==> flow/design.v <==
module sync_mux_blk #(
  parameter DWIDTH = 20
) (
  input  wire clk,
  input  wire rst_i,
  input  wire clk_en,
  input  wire [DWIDTH-1:0] bus0,
  input  wire [DWIDTH-1:0] bus1,
  input  wire [DWIDTH-1:0] bus2,
  input  wire [DWIDTH-1:0] bus3,
  input  wire [DWIDTH-1:0] bus4,
  input  wire [DWIDTH-1:0] bus5,
  input  wire [DWIDTH-1:0] bus6,
  input  wire [DWIDTH-1:0] bus7,
  input  wire [DWIDTH-1:0] bus8,
  input  wire [DWIDTH-1:0] bus9,
  input  wire [DWIDTH-1:0] bus10,
  input  wire [DWIDTH-1:0] bus11,
  input  wire [DWIDTH-1:0] bus12,
  input  wire [DWIDTH-1:0] bus13,
  input  wire [DWIDTH-1:0] bus14,
  input  wire [DWIDTH-1:0] bus15,
  input  wire [3:0] sel,
  output reg [DWIDTH-1:0] out
);
  reg [DWIDTH-1:0] r_bus0;
  reg [DWIDTH-1:0] r_bus1;
  reg [DWIDTH-1:0] r_bus2;
  reg [DWIDTH-1:0] r_bus3;
  reg [DWIDTH-1:0] r_bus4;
  reg [DWIDTH-1:0] r_bus5;
  reg [DWIDTH-1:0] r_bus6;
  reg [DWIDTH-1:0] r_bus7;
  reg [DWIDTH-1:0] r_bus8;
  reg [DWIDTH-1:0] r_bus9;
  reg [DWIDTH-1:0] r_bus10;
  reg [DWIDTH-1:0] r_bus11;
  reg [DWIDTH-1:0] r_bus12;
  reg [DWIDTH-1:0] r_bus13;
  reg [DWIDTH-1:0] r_bus14;
  reg [DWIDTH-1:0] r_bus15;
  reg [3:0] r_sel;
  always @(posedge clk) begin
    if (rst_i) begin
      r_bus0 <= 0;
      r_bus1 <= 0;
      r_bus2 <= 0;
      r_bus3 <= 0;
      r_bus4 <= 0;
      r_bus5 <= 0;
      r_bus6 <= 0;
      r_bus7 <= 0;
      r_bus8 <= 0;
      r_bus9 <= 0;
      r_bus10 <= 0;
      r_bus11 <= 0;
      r_bus12 <= 0;
      r_bus13 <= 0;
      r_bus14 <= 0;
      r_bus15 <= 0;
      r_sel <= 0;
    end else if (clk_en) begin
      r_bus0 <= bus0;
      r_bus1 <= bus1;
      r_bus2 <= bus2;
      r_bus3 <= bus3;
      r_bus4 <= bus4;
      r_bus5 <= bus5;
      r_bus6 <= bus6;
      r_bus7 <= bus7;
      r_bus8 <= bus8;
      r_bus9 <= bus9;
      r_bus10 <= bus10;
      r_bus11 <= bus11;
      r_bus12 <= bus12;
      r_bus13 <= bus13;
      r_bus14 <= bus14;
      r_bus15 <= bus15;
      r_sel <= sel;
    end
  end
  reg [DWIDTH-1:0] r;
  always @* begin
    case (r_sel)
      4'b0000: r = r_bus0;
      4'b0001: r = r_bus1;
      4'b0010: r = r_bus2;
      4'b0011: r = r_bus3;
      4'b0100: r = r_bus4;
      4'b0101: r = r_bus5;
      4'b0110: r = r_bus6;
      4'b0111: r = r_bus7;
      4'b1000: r = r_bus8;
      4'b1001: r = r_bus9;
      4'b1010: r = r_bus10;
      4'b1011: r = r_bus11;
      4'b1100: r = r_bus12;
      4'b1101: r = r_bus13;
      4'b1110: r = r_bus14;
      default: r = r_bus15;
    endcase
  end
  always @(posedge clk) begin
    if (rst_i) begin
      out <= 0;
    end else if (clk_en) begin
      out <= r;
    end
  end
endmodule
## Tool chain data of sync_mux_blk

The steps from the RTL of sync_mux_blk to its reports follow in flow order.
Line numbers count from 1 in the design file above.
A cell with n/a has no value.

- Top module: sync_mux_blk
- Clock: clk
- Library: sky130hd
- Corner: tt_025C_1v80

## Word level

Yosys after proc, flatten, opt, wreduce and memory -nomap, before mapping. Enables and synchronous resets that opt folds into registers are not counted as muxes. Memory bits, and registers merged into a memory's read port (data or address), are not among the register bits. Print and check cells are not counted. Equal cells are merged and count once.

- Register bits after elaboration: 344
- Bits of input ports: 327
- Output and inout bits: 20
- Elaborated cells: 34

- Equality and inequality tests: 14
- Muxes and demuxes: 1
- Reductions and logical operators: 1

Operators by type and width:

| cell | number |
|---|---|
| 20-bit case mux with 15-bit select | 1 |
| 4-bit equality test with constant B | 7 |
| 4-bit by 3-bit equality test with 1-bit output with constant B | 4 |
| 4-bit by 2-bit equality test with 1-bit output with constant B | 2 |
| 4-bit by 1-bit equality test with 1-bit output with constant B | 1 |
| 4-bit logical NOT | 1 |

## Logic depth

Longest topological path by Yosys (ltp), each cell counted once; first at word level (registers and memories cut), then after technology mapping (sequential cells cut; the memories' decode and read muxes count).

- Depth after elaboration: 2
- ABC_AREA: 0
- Mapped depth: 8
- Gate-level depth less buffers: 5

## After synthesis

Yosys stat after the flow's synthesis: flattened, memories mapped to cells. It holds for the ABC_AREA given above (unset counts as 0); a run with the other value may have another netlist.
Totals and module areas in this step are rounded.

- Cell count: 1512
- Synthesis area: 15000 µm²
- Mapped flip-flops: 344
- Buffer cells: 124

Cell types:

| type | number | total area (µm²) |
|---|---|---|
| sky130_fd_sc_hd__dfxtp_1 | 344 | 6.89E+03 |
| sky130_fd_sc_hd__mux2i_1 | 378 | 3.78E+03 |
| sky130_fd_sc_hd__nor2_1 | 380 | 1.43E+03 |
| sky130_fd_sc_hd__a22oi_1 | 45 | 337.824 |
| sky130_fd_sc_hd__o21ai_0 | 57 | 285.274 |
| sky130_fd_sc_hd__buf_2 | 52 | 260.25 |
| sky130_fd_sc_hd__clkbuf_1 | 59 | 221.462 |
| sky130_fd_sc_hd__a2111oi_2 | 9 | 135.13 |
| sky130_fd_sc_hd__o22ai_1 | 20 | 125.12 |
| sky130_fd_sc_hd__a211oi_1 | 15 | 112.608 |
| sky130_fd_sc_hd__a21oi_1 | 20 | 100.096 |
| sky130_fd_sc_hd__a22oi_2 | 8 | 100.096 |
| sky130_fd_sc_hd__buf_6 | 7 | 78.826 |
| sky130_fd_sc_hd__nand3_1 | 12 | 60.058 |
| sky130_fd_sc_hd__nand2_1 | 14 | 52.55 |
| sky130_fd_sc_hd__buf_4 | 6 | 45.043 |
| sky130_fd_sc_hd__nand3b_1 | 6 | 45.043 |
| sky130_fd_sc_hd__a22o_1 | 5 | 43.792 |

Not listed: further types 36, cells in them 75.

## Timing after synthesis

Path of least setup slack by OpenSTA after synthesis, without wires, with an ideal clock, recovery checks aside; 20% of the period is set as input and as output delay. Where synthesis merged equal registers, the netlist keeps one of their names.

- Path kind: register to register
- From: reg r_sel[0]
- To: reg out[5]
- Clock period: 2.04 ns
- Arrival: 1.495 ns
- Setup slack: 0.411 ns
- Delay of the path: 1.629 ns
- Driving pins on the path: 8
- Period reached after synthesis: 1.629 ns

"delay of the path" = arrival - input delay + setup time.
"driving pins on the path" counts driving pins, that of a launching flip-flop among them; a cell with two outputs on the path counts twice.
"period reached after synthesis" = period - worst setup slack (recovery checks aside). The figure is calculated, with input and output delays left at 20% of the set period.
The rows between start and end are the longest chain of elaborated cells between them; the timing report does not say that the signal goes this way. Where chains are equally long, one stands for them.
Each line given opens the expression or statement behind the cell; cells for indexed reads and writes are added by Yosys, which also makes memories of some case tables.

- Path through: sky130_fd_sc_hd__dfxtp_1 sky130_fd_sc_hd__buf_4 sky130_fd_sc_hd__buf_6 sky130_fd_sc_hd__buf_6 sky130_fd_sc_hd__mux2i_1 sky130_fd_sc_hd__nor2_1 sky130_fd_sc_hd__a2111oi_0 sky130_fd_sc_hd__a21oi_1
- Cells in the longest elaborated chain: 2

Ends and longest elaborated chain, after synthesis:

| what | RTL line | source |
|---|---|---|
| from (decl) | 42 | `reg [3:0] r_sel;` |
| from (assign) | 61 | `r_sel <= 0;` |
| from (assign) | 79 | `r_sel <= sel;` |
| 4-bit equality test | 84 | `case (r_sel)` |
| 20-bit case mux with 15-bit select | 84 |  |
| to (assign) | 105 | `out <= 0;` |
| to (assign) | 107 | `out <= r;` |
| to (decl) | 24 | `output reg [DWIDTH-1:0] out` |

## Worst path after layout

From the final timing report of stored run 1: the path of least setup slack in the routed layout; clock arrival at registers is part of the times.

- Path kind: register to register
- From: reg r_sel[0]
- To: reg out[18]
- Clock period: 2.04 ns
- Arrival: 2.37 ns
- Setup slack: 0.06 ns
- Driving pins on the path: 7

The rows between start and end are the longest chain of elaborated cells between them; the timing report does not say that the signal goes this way. Where chains are equally long, one stands for them.

- Path through: sky130_fd_sc_hd__dfxtp_4 sky130_fd_sc_hd__buf_12 sky130_fd_sc_hd__buf_12 sky130_fd_sc_hd__mux2i_2 sky130_fd_sc_hd__nor2_1 sky130_fd_sc_hd__a2111oi_2 sky130_fd_sc_hd__a21oi_1
- Cells in the longest elaborated chain: 2

Ends and longest elaborated chain, post-layout:

| what | RTL line | source |
|---|---|---|
| from (decl) | 42 | `reg [3:0] r_sel;` |
| from (assign) | 61 | `r_sel <= 0;` |
| from (assign) | 79 | `r_sel <= sel;` |
| 4-bit equality test | 84 | `case (r_sel)` |
| 20-bit case mux with 15-bit select | 84 |  |
| to (assign) | 105 | `out <= 0;` |
| to (assign) | 107 | `out <= r;` |
| to (decl) | 24 | `output reg [DWIDTH-1:0] out` |

Data sheet: physical implementation of sync_mux_blk

Below are 3 stored runs of the flow (Yosys, OpenROAD; platform sky130hd) on sync_mux_blk, each with its settings and what was measured, unordered. Constraints: input delay and output delay 20% of the set period each, output load 0.01 pF.
"clock period reached" is the run's clock period less its worst setup slack. It is reckoned from that one timing run; input and output delays stay at 20% of the period that was set.
"time on the worst setup path" = time allowed to the worst setup path (clock period - input delay - output delay, where it has them) - its slack; a late launch clock adds to it, a late capture clock takes from it.
"total design power" is the tool's figure for a default switching activity; nothing was simulated.
Results are given in rounded form.
Among the settings, n/a means not set for that run.

| item | stored run 1 | stored run 2 | stored run 3 |
|---|---|---|---|
| period_ns | 2.04 | 1.54 | 2.6 |
| CAP_MARGIN | 20 | 20 | 20 |
| CORE_MARGIN | 2 | 2 | 2 |
| CORE_UTILIZATION | 40 | 26 | 45 |
| SLEW_MARGIN | 20 | 35 | 0 |
| SETUP_SLACK_MARGIN | n/a | 0.38 | 0.42 |
| GPL_TIMING_DRIVEN | n/a | 1 | 0 |
| CTS_CLUSTER_DIAMETER | n/a | 109 | n/a |
| PLACE_DENSITY_LB_ADDON | n/a | n/a | 0.04 |
| HOLD_SLACK_MARGIN | n/a | n/a | 0.11 |
| CORE_ASPECT_RATIO | n/a | n/a | 0.99 |
| CELL_PAD_IN_SITES_GLOBAL_PLACEMENT | n/a | n/a | 2 |
| ABC_AREA | n/a | n/a | 0 |
| GPL_ROUTABILITY_DRIVEN | n/a | n/a | 0 |
| CTS_CLUSTER_SIZE | n/a | n/a | 95 |
| synthesized cell area (µm²) | 15000 | 15000 | 15000 |
| die size (µm²) | 38000 | 58000 | 34000 |
| standard-cell area after routing (µm²) | 20000 | 23000 | 20000 |
| utilization | 0.56 | 0.41 | 0.63 |
| worst setup slack after layout (ns) | 0.056 | -0.33 | 0.40 |
| setup TNS (ns) | 0.000 | -4.7 | 0.000 |
| lowest hold slack (ns) | 0.24 | 0.085 | 0.46 |
| total design power (W) | 0.017 | 0.024 | 0.013 |
| clock period reached (ns) | 1.984 | 1.868 | 2.202 |
| time on the worst setup path (ns) | 1.98 | 1.87 | 2.20 |
| critical path kind | register to register | register to register | register to register |
